==> flow/design.v <==
module u_mul_core_top (clock, aresetn, lhs_i, rhs_i, result_o);
  parameter DW = 6;
  input clock;
  input aresetn;
  input signed [DW-1:0] lhs_i;
  input signed [DW-1:0] rhs_i;
  output signed [2*DW-1:0] result_o;
  reg signed [DW-1:0] lhs_d1;
  reg signed [DW-1:0] rhs_d1;
  reg signed [2*DW-1:0] result_d1;
  always @(posedge clock or negedge aresetn) begin
    if (!aresetn) begin
      lhs_d1 <= 0;
      rhs_d1 <= 0;
      result_d1 <= 0;
    end else begin
      lhs_d1 <= lhs_i;
      rhs_d1 <= rhs_i;
      result_d1 <= lhs_d1 * rhs_d1;
    end
  end
  assign result_o = result_d1;
endmodule
# Step by step through the tools: u_mul_core_top
# Tool output for the design above, in the order of the flow.
# Lines are those of the file above, counted from 1.
# Library cell names are shortened.
design:
  top_module: "u_mul_core_top"
  clk_port: "clock"
  lib: "sky130hd"
  lib_corner: "tt_025C_1v80"

# After elaboration
# Counts by Yosys on the flattened word-level netlist (proc, flatten, opt, wreduce; memories kept). Register bits leave out memories and registers merged into their read ports (data or address); mux counts leave out enables and synchronous resets folded into registers. Print and check cells are left out. Cells with the same type and inputs are merged into one.
word_totals:
  regBits: 24
  input_bits: 14
  out_inout_bits: 12
  wordCells: 4
classes:
  multipliers: 1
op_table:
  columns: ["operator", "count"]
  rows:
  - ["multiplier 6 x 6 -> 12 bit", 1]

# Logic depth
# Longest topological path by Yosys (ltp), each cell counted once; first at word level (registers and memories cut), then after technology mapping (sequential cells cut; the memories' decode and read muxes count).
depth:
  ltp_word: 1
  abc_area: 0
  depth_mapped: 15
  depth_no_buf: 15

# Netlist
# Source: synth_stat.txt of the flow (Yosys; design flattened, memories mapped). It holds for the ABC_AREA given above (unset counts as 0); a run with the other value may have another netlist.
# Totals and module areas in this step are rounded.
by_type:
  columns: ["cell", "count"]
  rows:
  - ["dfrtp_1", 24]
  - ["fa_1", 26]
  - ["ha_1", 21]
  - ["and2_1", 22]
  - ["inv_1", 32]
  - ["xnor2_1", 10]
  - ["nor2b_1", 6]
  - ["nand2_1", 8]
  - ["o41ai_2", 1]
  - ["nor2_1", 4]
  - ["nor3_1", 3]
  - ["o21a_1", 2]
  - ["and3_1", 2]
  - ["nand2b_1", 2]
  - ["mux2_2", 1]
  - ["a221o_1", 1]
  - ["a221oi_1", 1]
  - ["o311ai_1", 1]
# Not listed: further types 3, cells in them 3.
mapped:
  cell_count: 170
  mapped_area_mm2: 0.001942
  sequential_area_mm2: 0.0006006
  flip_flops: 24
  buf_cells: 0

# Worst setup path after synthesis
# Source: OpenSTA report_checks on the synthesized netlist (no wires, ideal clock, input and output delay 20% of the period each), path of least setup slack; recovery checks are left aside. Register names are those of the netlist, which keeps one name where synthesis merged equal registers.
synth_path:
  kind: "reg-to-reg"
  start: "reg lhs_d1[5]"
  end: "reg result_d1[11]"
  clock_period_ps: 4990
  t_first_pin_ps: 0
  arrival_ps: 3859
  t_required_ps: 4860
  slack_ps: 1001
  path_delay_ps: 3989
  stages: 13
  n_path_buf: 0
  period_less_setup_slack_ps: 3989
# "path_delay_ps" = arrival - input delay + setup time.
# "stages": output pins that drive a net of the path, with the launching flip-flop's if there is one; two outputs of one cell count as two.
# "period_less_setup_slack_ps" = period - worst setup slack (recovery checks aside). The figure is calculated, with input and output delays left at 20% of the set period.
# The rows between start and end are the longest chain of elaborated cells between them; the timing report does not say that the signal goes this way. Where chains are equally long, one stands for them.
# A line is the first line of the expression or statement that the cell stems from. Yosys adds cells for indexed reads and writes and turns some case tables into memories.
synth_via:
  path_cell_list: "dfrtp_1 -> and2_1 -> fa_1 -> inv_1 -> fa_1 -> fa_1 -> inv_1 -> ha_1 -> ha_1 -> and3_1 -> a221o_1 -> o41ai_2 -> xnor2_1"
  elab_chain_cells: 1
  cells_between: 1
  cone_classes: "mul (1)"
synth_lines:
  columns: ["element", "line_no", "rtl"]
  rows:
  - ["start: declaration", 8, "reg signed [DW-1:0] lhs_d1;"]
  - ["start: assignment", 13, "lhs_d1 <= 0;"]
  - ["start: assignment", 17, "lhs_d1 <= lhs_i;"]
  - ["multiplier 6 x 6 -> 12 bit", 19, "result_d1 <= lhs_d1 * rhs_d1;"]
  - ["end: assignment", 15, "result_d1 <= 0;"]
  - ["end: assignment", 19, null]
  - ["end: declaration", 10, "reg signed [2*DW-1:0] result_d1;"]

# Timing after layout
# From the final timing report of entry B: the path of least setup slack in the routed layout; clock arrival at registers is part of the times.
# The report prints the path's times to 10 ps; the period is as set.
layout_path:
  kind: "reg-to-reg"
  start: "reg rhs_d1[5]"
  end: "reg result_d1[11]"
  clock_period_ps: 5140
  t_first_pin_ps: 270
  arrival_ps: 3970
  t_required_ps: 5340
  slack_ps: 1370
  stages: 13
  n_path_buf: 0
# The rows between start and end are the longest chain of elaborated cells between them; the timing report does not say that the signal goes this way. Where chains are equally long, one stands for them.
layout_via:
  path_cell_list: "dfrtp_2 -> nor2b_1 -> fa_1 -> inv_1 -> fa_1 -> inv_1 -> fa_1 -> ha_4 -> ha_4 -> and3_1 -> a221o_1 -> o41ai_2 -> xnor2_1"
  elab_chain_cells: 1
  cells_between: 1
  cone_classes: "mul (1)"
layout_lines:
  columns: ["element", "line_no", "rtl"]
  rows:
  - ["start: declaration", 9, "reg signed [DW-1:0] rhs_d1;"]
  - ["start: assignment", 14, "rhs_d1 <= 0;"]
  - ["start: assignment", 18, "rhs_d1 <= rhs_i;"]
  - ["multiplier 6 x 6 -> 12 bit", 19, "result_d1 <= lhs_d1 * rhs_d1;"]
  - ["end: assignment", 15, "result_d1 <= 0;"]
  - ["end: assignment", 19, null]
  - ["end: declaration", 10, "reg signed [2*DW-1:0] result_d1;"]

# Measured data: module u_mul_core_top, platform sky130hd, 3 stored runs of the flow under differing settings, order arbitrary. Input and output delays are each 20% of the period that was set; the output load is 0.01 pF.
# By "achieved_clock_period_ps" is meant the clock period of the run minus its worst setup slack. This is arithmetic on one report: input and output delays are still those of the set period (20% each).
# "worstPathTime_ps" means the part of the period allowed to the worst setup path (the constraints hold back 20% at inputs and 20% at outputs) less its slack; where the path has registers, the arrival times of their clocks count too.
# "power.total_mw" rests on the timing tool's default activity at the inputs, not on a simulated workload.
# "worstPathTime_ps" is given in steps of 10 ps.
# The results are shown rounded.
runs:
  - name: "entry A"
    settings:
      period_ns: 2.89
      CORE_UTILIZATION: 64
      SETUP_SLACK_MARGIN: -0.07
      CORE_ASPECT_RATIO: 0.63
      CORE_MARGIN: 7
      CELL_PAD_IN_SITES_DETAIL_PLACEMENT: 2
      ABC_AREA: 1
      CTS_CLUSTER_SIZE: 91
      CTS_CLUSTER_DIAMETER: 96
      CAP_MARGIN: 35
      MAX_ROUTING_LAYER: "met4"
      SLEW_MARGIN: 20
    outcome: "stopped before the end: placement reported DPL-0033"
  - name: "entry B"
    settings:
      period_ns: 5.14
      CORE_UTILIZATION: 45
      SETUP_SLACK_MARGIN: 1.38
      PLACE_DENSITY: 0.41
      HOLD_SLACK_MARGIN: 0.12
      ABC_AREA: 0
      CTS_CLUSTER_SIZE: 31
      CTS_CLUSTER_DIAMETER: 237
      SLEW_MARGIN: 20
      MAX_ROUTING_LAYER: "met4"
      CAP_MARGIN: 20
      CORE_MARGIN: 2
    results:
      achieved_clock_period_ps: 3770
      setupTns_ps: 0
      worst_hold_slack_ps: 639
      synth_chip_area_mm2: 0.001942
      worstPathTime_ps: 3770
      critical_path_kind: "reg-to-reg"
      power.total_mw: 1.044
      worst_setup_slack_ps: 1370
      finish.stdcell_area_mm2: 0.002502
      finish.utilization_pct: 61.2
      total_die_area_mm2: 0.004857
  - name: "entry C"
    settings:
      period_ns: 4.99
      CAP_MARGIN: 20
      CORE_MARGIN: 2
      CORE_UTILIZATION: 40
      SLEW_MARGIN: 20
    results:
      achieved_clock_period_ps: 4191
      setupTns_ps: 0
      worst_hold_slack_ps: 570
      synth_chip_area_mm2: 0.001942
      worstPathTime_ps: 4190
      critical_path_kind: "reg-to-reg"
      power.total_mw: 0.9601
      worst_setup_slack_ps: 799
      finish.stdcell_area_mm2: 0.002326
      finish.utilization_pct: 49.6
      total_die_area_mm2: 0.005428
